==> flow/design.v <==
module u_shifter_v2 #(
  parameter int NBITS = 24,
  parameter int SEL_W = $clog2(NBITS)
) (
  input  logic clk,
  input  logic [NBITS-1:0] din_i,
  input  logic [SEL_W-1:0] by_i,
  output logic [NBITS-1:0] o_o
);
  logic [NBITS-1:0] r_din;
  logic [SEL_W-1:0] r_by;
  always_ff @(posedge clk) begin
    r_din <= din_i;
    r_by <= by_i;
  end
  wire [NBITS-1:0] lvl [0:SEL_W];
  assign lvl[0] = r_din;
  generate
    for (genvar i = 0; i < SEL_W; i++) begin : gen
      assign lvl[i+1] = r_by[i] ? (lvl[i] << (1 << i)) | (lvl[i] >> (NBITS - (1 << i))) : lvl[i];
    end
  endgenerate
  assign o_o = lvl[SEL_W];
endmodule
Memo
Re: synthesis data of u_shifter_v2

# Reports on u_shifter_v2

A sweep over "NBITS": the same steps for each member of the family.
The RTL above is that of NBITS 24; lines are counted from 1 in the file of the member named.
Operators: Yosys type, input widths -> output width; for muxes data width and select width s.
Not given: n/a

Design top: u_shifter_v2
Clock: clk
Library: sky130hd
Library corner: tt_025C_1v80

# Members of the sweep

New or changed lines of each further member against the RTL above, in its own file; lines it lacks are not shown.

New or changed lines:

| NBITS | RTL line | text |
| 64    | 2        | `parameter int NBITS = 64,` |
| 128   | 2        | `parameter int NBITS = 128,` |

# Word level

Yosys after proc, flatten, opt, wreduce and memory -nomap, before mapping. Enables and synchronous resets that opt folds into registers are not counted as muxes. Print and check cells are not counted. Equal cells are merged and count once.

Word-level totals:

| NBITS | output and inout bits | elaborated cells | flip-flop bits (word level) | input port bits |
| 24    | 24                    | 12               | 29                          | 30 |
| 64    | 64                    | 14               | 70                          | 71 |
| 128   | 128                   | 16               | 135                         | 136 |

Operators by class:

| NBITS | multiplexer cells | bitwise gates (word level) |
| 24    | 5                 | 5 |
| 64    | 6                 | 6 |
| 128   | 7                 | 7 |

Operators by type and width:

| NBITS | kinds with counts |
| 24    | 5 x $mux 24; 1 x $or 24x1->24; 1 x $or 24x16->24; 1 x $or 24x2->24; 1 x $or 24x4->24; 1 x $or 24x8->24 |
| 64    | 6 x $mux 64; 1 x $or 64x1->64; 1 x $or 64x16->64; 1 x $or 64x2->64; 1 x $or 64x32->64; 1 x $or 64x4->64; 1 x $or 64x8->64 |
| 128   | 7 x $mux 128; 1 x $or 128x1->128; 1 x $or 128x16->128; 1 x $or 128x2->128; 1 x $or 128x32->128; 1 x $or 128x4->128; 1 x $or 128x64->128; 1 x $or 128x8->128 |

# Depth

Yosys ltp: most cells in a row. Word level: on the elaborated netlist, between registers, memories and ports. Mapped: between sequential cells and ports; inverters and the memories' decode and read muxes count.

Depth:

| NBITS | word-level depth | ABC_AREA | mapped depth | gate-level depth less buffers |
| 24    | 10               | 0        | 5            | 3 |
| 64    | 12               | 0        | 5            | 3 |
| 128   | 14               | 0        | 6            | 4 |

# Netlist

Source: synth_stat.txt of the flow (Yosys; design flattened, memories mapped). It holds for the ABC_AREA given above (unset counts as 0); a run with the other value may have another netlist.
Totals and module areas in this step are rounded.

Cell types:

| NBITS | types with counts |
| 24    | 44 x sky130_fd_sc_hd__mux4_1; 29 x sky130_fd_sc_hd__dfxtp_1; 24 x sky130_fd_sc_hd__mux2_2; 4 x sky130_fd_sc_hd__mux4_2; 10 x sky130_fd_sc_hd__clkbuf_1; 3 x sky130_fd_sc_hd__buf_6; 2 x sky130_fd_sc_hd__buf_1 |
| 64    | 188 x sky130_fd_sc_hd__mux4_2; 70 x sky130_fd_sc_hd__dfxtp_1; 6 x sky130_fd_sc_hd__buf_12; 4 x sky130_fd_sc_hd__mux4_1; 24 x sky130_fd_sc_hd__clkbuf_1; 8 x sky130_fd_sc_hd__buf_1; 3 x sky130_fd_sc_hd__buf_2; 1 x sky130_fd_sc_hd__buf_6 |
| 128   | 384 x sky130_fd_sc_hd__mux4_2; 135 x sky130_fd_sc_hd__dfxtp_1; 128 x sky130_fd_sc_hd__mux2_2; 74 x sky130_fd_sc_hd__clkbuf_1; 10 x sky130_fd_sc_hd__buf_12; 4 x sky130_fd_sc_hd__buf_6; 9 x sky130_fd_sc_hd__buf_1; 1 x sky130_fd_sc_hd__buf_2 |

Synthesis totals:

| NBITS | cell count | buffers | mapped flip-flops | cell area after synthesis (µm²) | sequential part of the area (µm²) |
| 24    | 116        | 15      | 29                | 2180                            | 581 |
| 64    | 304        | 42      | 70                | 6010                            | 1400 |
| 128   | 745        | 98      | 135               | 13400                           | 2700 |

# Path before layout

OpenSTA on the mapped netlist: ideal clock, no wires. The path of least setup slack (recovery checks aside). Input and output delay are each 20% of the period. Register names are those of the netlist, which keeps one name where synthesis merged equal registers.

Timing path after synthesis:

| NBITS | kind               | start       | end         | stages | setup slack (ps) | delay of the path (ps) | clock period (ps) | synthesis period reached (ps) |
| 24    | register to output | reg r_by[2] | out o_o[23] | 6      | 495              | 1977                   | 3090              | 2595 |
| 64    | register to output | reg r_by[3] | out o_o[12] | 6      | 578              | 2318                   | 3620              | 3042 |
| 128   | register to output | reg r_by[3] | out o_o[67] | 7      | 656              | 2624                   | 4100              | 3444 |

"delay of the path" = arrival - input delay + setup time.
At an output port there is no setup time.
"stages": output pins that drive a net of the path, with the launching flip-flop's if there is one; two outputs of one cell count as two.
"synthesis period reached" is the clock period less the worst setup slack; recovery checks do not enter. This is arithmetic on one report: input and output delays are still those of the set period (20% each).
Between the ends stands the longest chain of elaborated cells between them, by number of cells; it is not shown to be the way that was timed. Of several equally long chains one is given.
A line is the first line of the expression or statement that the cell stems from. Yosys adds cells for indexed reads and writes and turns some case tables into memories.

On the way, after synthesis, NBITS 24:
Length of the longest elaborated chain: 5

RTL lines, path after synthesis, NBITS 24:

| element         | RTL line | text |
| start, declared | 11       | `logic [SEL_W-1:0] r_by;` |
| start, assigned | 14       | `r_by <= by_i;` |
| $mux 24         | 20       | `assign lvl[i+1] = r_by[i] ? (lvl[i] << (1 << i)) \| (lvl[i] >> (NBITS - (1 << i))) : lvl[i];` |
| $or 24x8->24    | 20       |  |
| $mux 24         | 20       |  |
| $or 24x16->24   | 20       |  |
| $mux 24         | 20       |  |
| end, declared   | 8        | `output logic [NBITS-1:0] o_o` |

On the way, after synthesis, NBITS 128:
Length of the longest elaborated chain: 7

RTL lines, path after synthesis, NBITS 128:

| element         | RTL line | text |
| start, declared | 11       | `logic [SEL_W-1:0] r_by;` |
| start, assigned | 14       | `r_by <= by_i;` |
| $mux 128        | 20       | `assign lvl[i+1] = r_by[i] ? (lvl[i] << (1 << i)) \| (lvl[i] >> (NBITS - (1 << i))) : lvl[i];` |
| $or 128x16->128 | 20       |  |
| $mux 128        | 20       |  |
| $or 128x32->128 | 20       |  |
| $mux 128        | 20       |  |
| $or 128x64->128 | 20       |  |
| $mux 128        | 20       |  |
| end, declared   | 8        | `output logic [NBITS-1:0] o_o` |

# Timing after layout

From the final timing report of the run of each member: the path of least setup slack in the routed layout; clock arrival at registers is part of the times.
The path's times are printed in steps of 10 ps; the period is the one set.

Timing path after layout:

| NBITS | kind               | start       | end          | clock period (ps) | stages | arrival (ps) | setup slack (ps) | path buffers |
| 24    | register to output | reg r_by[0] | out o_o[2]   | 3090              | 6      | 2420         | 50               | 2 |
| 64    | register to output | reg r_by[0] | out o_o[41]  | 3620              | 9      | 2900         | -10              | 5 |
| 128   | register to output | reg r_by[0] | out o_o[104] | 4100              | 11     | 3510         | -230             | 6 |

# Measured runs

Settings and results of one run of the flow (Yosys, OpenROAD) for each member follow. The constraints put input and output delay at 20% of the set period each and load the outputs with 0.01 pF.

CAP_MARGIN: 20
CORE_MARGIN: 2
CORE_UTILIZATION: 40
SLEW_MARGIN: 20

Settings that differ:

| NBITS | period_ns |
| 24    | 3.09 |
| 64    | 3.62 |
| 128   | 4.1 |

Final reports:

| NBITS | worst setup slack after layout (ps) | die area (µm²) | total power of the final layout (W) | clock period achieved (ps) | cell area after synthesis (µm²) | worst hold slack after layout (ps) | utilization after routing (%) |
| 24    | 49                                  | 6050           | 0.00124                             | 3041                       | 2180                            | 781                                | 53.1 |
| 64    | -8                                  | 16000          | 0.00323                             | 3628                       | 6010                            | 830                                | 57.8 |
| 128   | -231                                | 34900          | 0.00647                             | 4331                       | 13400                           | 816                                | 56.5 |

"clock period achieved" = clock period - worst setup slack. The figure is calculated, with input and output delays left at 20% of the set period.
"total power of the final layout": no workload was simulated; the value follows from the tool's default switching activity.
The results are shown rounded.
